==> flow/design.v <==
module cpu_relation_n #(
    parameter integer W = 12,
    parameter integer COUNT = 3
) (
    input wire clk,
    input wire RSTN,
    input wire step,
    input wire [COUNT*W-1:0] in_i,
    output reg [W-1:0] high_o
);
    reg [W-1:0] nxt;
    integer n;
    always @(*) begin
        nxt = in_i[W-1:0];
        for (n = 1; n < COUNT; n = n + 1)
            if (in_i[n*W +: W] > nxt) nxt = in_i[n*W +: W];
    end
    always @(posedge clk or negedge RSTN) begin
        if (!RSTN) begin
            high_o <= 0;
        end else if (step) begin
            high_o <= nxt;
        end
    end
endmodule
## Tool chain data of cpu_relation_n

Tool output for the design above, in the order of the flow.
Lines are those of the file above, counted from 1.
Library cell names are shortened.
The mark -- stands for no value.

- Top: cpu_relation_n
- Clock port: clk
- Standard-cell library: sky130hd
- Timing corner: tt_025C_1v80

## After elaboration

Counts by Yosys on the flattened word-level netlist (proc, flatten, opt, wreduce; memories kept). Register bits leave out memories and registers merged into their read ports (data or address); mux counts leave out enables and synchronous resets folded into registers. Print and check cells are left out. Cells with the same type and inputs are merged into one.

- Order comparisons: 2
- Multiplexer cells: 2

Operator list:

| operator | count |
|---|---|
| greater-than comparator 12 bit | 2 |
| two-way mux 12 bit | 2 |

- Bits in registers: 12
- Bits of input ports: 39
- Output and inout bits: 12
- Word-level cells: 5

## Longest topological paths

Depth = most cells in a row (Yosys ltp): at word level without a register or memory, in the mapped netlist without a sequential cell, where the memories' decode and read muxes count.

- Depth in word-level cells: 4
- ABC_AREA: 0
- Mapped depth: 16

## Mapped cells and area

The flow's flattened synthesis, as Yosys stat reports it; memories are mapped. The netlist is that of the ABC_AREA named above (0 if unset); the other value can give another one.

- Mapped cells: 141
- Chip area (Yosys): 1255.0 um2
- Area of sequential cells: 300.3 um2
- Mapped flip-flops: 12
- Buffer cells: 4

Cells by type:

| type | count | area in all (um2) |
|---|---|---|
| dfrtp_1 | 12 | 300.288 |
| ha_1 | 24 | 300.288 |
| mux2i_1 | 11 | 110.106 |
| inv_1 | 28 | 105.101 |
| o221ai_1 | 11 | 96.342 |
| nand2b_1 | 10 | 62.56 |
| a21oi_1 | 11 | 55.053 |
| nand4_1 | 6 | 37.536 |
| o211ai_1 | 4 | 30.029 |
| a31oi_4 | 1 | 21.27 |
| nor2b_1 | 3 | 18.768 |
| nand2_1 | 4 | 15.014 |
| o21ai_0 | 3 | 15.014 |
| buf_6 | 1 | 11.261 |
| clkbuf_1 | 3 | 11.261 |
| mux2_2 | 1 | 11.261 |
| a221o_1 | 1 | 10.01 |
| nor3_1 | 2 | 10.01 |

Other cell types: 5; their cells: 5.

## Path before layout

OpenSTA on the mapped netlist: ideal clock, no wires. The path of least setup slack (recovery checks aside). Input and output delay are each 20% of the period. Register names are those of the netlist, which keeps one name where synthesis merged equal registers.

- Kind: input to register
- Start: in in_i[1]
- End: reg high_o[10]
- Period: 4.45 ns
- External input delay: 0.890 ns
- Arrival time: 3.595 ns
- Path slack: 0.709 ns
- Delay of the path: 2.851 ns
- Stages: 15
- Synthesis period reached: 3.741 ns

"delay of the path" is the arrival time less input delay plus setup time.
"stages": output pins that drive a net of the path, with the launching flip-flop's if there is one; two outputs of one cell count as two.
"synthesis period reached" is the clock period less the worst setup slack; recovery checks do not enter. This is arithmetic on one report: input and output delays are still those of the set period (20% each).
Between the ends stands the longest chain of elaborated cells between them, by number of cells; it is not shown to be the way that was timed. Of several equally long chains one is given.
Each line given opens the expression or statement behind the cell; cells for indexed reads and writes are added by Yosys, which also makes memories of some case tables.

- Cell sequence: inv_1 ha_1 nor2b_1 o211ai_1 a211o_1 a31oi_4 buf_6 mux2i_1 ha_1 a21o_1 a21oi_1 o211ai_1 o211ai_1 clkbuf_1 o221ai_1
- Cells in the longest elaborated chain: 4
- Elaborated cells between the ends (all ways): 4
- Source lines of those cells: 1

Ends and longest elaborated chain, post-synthesis:

| element | line | text |
|---|---|---|
| from (decl) | 8 | `input wire [COUNT*W-1:0] in_i,` |
| greater-than comparator 12 bit | 16 | `if (in_i[n*W +: W] > nxt) nxt = in_i[n*W +: W];` |
| two-way mux 12 bit | 16 |  |
| greater-than comparator 12 bit | 16 |  |
| two-way mux 12 bit | 16 |  |
| to (assign) | 20 | `high_o <= 0;` |
| to (assign) | 22 | `high_o <= nxt;` |
| to (decl) | 9 | `output reg [W-1:0] high_o` |

## Worst path after layout

Path of least setup slack in the final report of job 1 (OpenROAD, finished layout, wires in). Where an end is a register, its clock arrival counts in the times.

- Kind: input to register
- Start: in in_i[1]
- End: reg high_o[0]
- Period: 4.45 ns
- External input delay: 0.89 ns
- Arrival time: 4.38 ns
- Path slack: 0.22 ns
- Stages: 17

Between the ends stands the longest chain of elaborated cells between them, by number of cells; it is not shown to be the way that was timed. Of several equally long chains one is given.

- Cell sequence: clkdlybuf4s50_1 inv_1 ha_1 nor2b_1 o211ai_1 a211o_1 a31oi_4 buf_12 mux2i_2 ha_1 a21oi_1 o21a_1 o211ai_1 o211ai_1 buf_4 nor2_1 a221o_1
- Cells in the longest elaborated chain: 4
- Elaborated cells between the ends (all ways): 4
- Source lines of those cells: 1

Ends and longest elaborated chain, post-layout:

| element | line | text |
|---|---|---|
| from (decl) | 8 | `input wire [COUNT*W-1:0] in_i,` |
| greater-than comparator 12 bit | 16 | `if (in_i[n*W +: W] > nxt) nxt = in_i[n*W +: W];` |
| two-way mux 12 bit | 16 |  |
| greater-than comparator 12 bit | 16 |  |
| two-way mux 12 bit | 16 |  |
| to (assign) | 20 | `high_o <= 0;` |
| to (assign) | 22 | `high_o <= nxt;` |
| to (decl) | 9 | `output reg [W-1:0] high_o` |

Lab notebook: cpu_relation_n

Below are 3 stored runs of the flow (Yosys, OpenROAD; platform sky130hd) on cpu_relation_n, each with its settings and what was measured, unordered. Constraints: input delay and output delay 20% of the set period each, output load 0.01 pF.
By "period achieved" is meant the clock period of the run minus its worst setup slack. This is arithmetic on one report: input and output delays are still those of the set period (20% each).
"worst setup path time": the worst setup path's part of the clock period (all of it between registers, 20% less for each end at a port) less its slack. A launch clock that arrives late makes it longer, a capture clock that arrives late makes it shorter.
"total power of the final layout" is the tool's figure for a default switching activity; nothing was simulated.

### Job 1

==> flow/run.sh <==
#!/bin/bash
# the make line also repeats the synthesis and layout settings of config.mk as NAME=value (left out here)
make -C /OpenROAD-flow-scripts/flow DESIGN_CONFIG=/design/flow/config.mk WORK_HOME=/design/flow/orfs CLKGATE_MAP_FILE= finish
==> flow/config.mk <==
export PLATFORM = sky130hd
export DESIGN_NAME = cpu_relation_n
export DESIGN_NICKNAME = cpu_relation_n
export VERILOG_FILES = /design/flow/design.v
export SDC_FILE = /design/flow/constraint.sdc
export NUM_CORES = 4
export LEC_CHECK = 0
export CAP_MARGIN = 20
export CORE_MARGIN = 2
export CORE_UTILIZATION = 40
export SLEW_MARGIN = 20
==> flow/constraint.sdc <==
create_clock -name core_clock -period 4.45 [get_ports {clk}]
set_input_delay 0.8900 -clock core_clock [delete_from_list [all_inputs] [get_ports {clk}]]
set_output_delay 0.8900 -clock core_clock [all_outputs]
set_load 0.01 [all_outputs]

Results of job 1:
- Worst setup path time: 3.34 ns
- Type of the worst setup path: input to register
- Setup slack of the worst path: 0.223 ns
- Die footprint: 3601.2 um2
- Total power of the final layout: 467.5 uW
- Final worst hold slack: 0.490 ns
- Total negative setup slack: 0.000 ns
- Utilization after routing: 61.9%
- Period achieved: 4.227 ns
- Synthesized cell area: 1255.0 um2
- Standard-cell area after layout: 1874.3 um2

### Job 2

==> flow/run.sh <==
#!/bin/bash
# the make line also repeats the synthesis and layout settings of config.mk as NAME=value (left out here)
make -C /OpenROAD-flow-scripts/flow DESIGN_CONFIG=/design/flow/config.mk WORK_HOME=/design/flow/orfs CLKGATE_MAP_FILE= finish
==> flow/config.mk <==
export PLATFORM = sky130hd
export DESIGN_NAME = cpu_relation_n
export DESIGN_NICKNAME = cpu_relation_n
export VERILOG_FILES = /design/flow/design.v
export SDC_FILE = /design/flow/constraint.sdc
export NUM_CORES = 4
export LEC_CHECK = 0
export CAP_MARGIN = 20
export CORE_MARGIN = 10
export CORE_UTILIZATION = 34
export GPL_ROUTABILITY_DRIVEN = 1
export MIN_ROUTING_LAYER = met1
export PLACE_DENSITY_LB_ADDON = 0.09
export SETUP_SLACK_MARGIN = 0.62
export SLEW_MARGIN = 20
export TNS_END_PERCENT = 75
==> flow/constraint.sdc <==
create_clock -name core_clock -period 2.42 [get_ports {clk}]
set_input_delay 0.4840 -clock core_clock [delete_from_list [all_inputs] [get_ports {clk}]]
set_output_delay 0.4840 -clock core_clock [all_outputs]
set_load 0.01 [all_outputs]

Results of job 2:
- Worst setup path time: 2.83 ns
- Type of the worst setup path: input to register
- Setup slack of the worst path: -0.889 ns
- Die footprint: 6521.4 um2
- Total power of the final layout: 1156 uW
- Final worst hold slack: 0.488 ns
- Total negative setup slack: -10.317 ns
- Utilization after routing: 71.7%
- Period achieved: 3.309 ns
- Synthesized cell area: 1255.0 um2
- Standard-cell area after layout: 2585.0 um2

### Job 3

==> flow/run.sh <==
#!/bin/bash
# the make line also repeats the synthesis and layout settings of config.mk as NAME=value (left out here)
make -C /OpenROAD-flow-scripts/flow DESIGN_CONFIG=/design/flow/config.mk WORK_HOME=/design/flow/orfs CLKGATE_MAP_FILE= finish
==> flow/config.mk <==
export PLATFORM = sky130hd
export DESIGN_NAME = cpu_relation_n
export DESIGN_NICKNAME = cpu_relation_n
export VERILOG_FILES = /design/flow/design.v
export SDC_FILE = /design/flow/constraint.sdc
export NUM_CORES = 4
export LEC_CHECK = 0
export ABC_AREA = 1
export CAP_MARGIN = 20
export CELL_PAD_IN_SITES_DETAIL_PLACEMENT = 2
export CORE_ASPECT_RATIO = 1.38
export CORE_MARGIN = 4
export CORE_UTILIZATION = 29
export CTS_CLUSTER_DIAMETER = 324
export GPL_ROUTABILITY_DRIVEN = 0
export MIN_ROUTING_LAYER = met2
export PLACE_DENSITY_LB_ADDON = 0.16
export SETUP_SLACK_MARGIN = 0.52
export SLEW_MARGIN = 20
export TNS_END_PERCENT = 15
==> flow/constraint.sdc <==
create_clock -name core_clock -period 3.13 [get_ports {clk}]
set_input_delay 0.6260 -clock core_clock [delete_from_list [all_inputs] [get_ports {clk}]]
set_output_delay 0.6260 -clock core_clock [all_outputs]
set_load 0.01 [all_outputs]

Outcome of job 3: no results, routing failed with DPL-0033
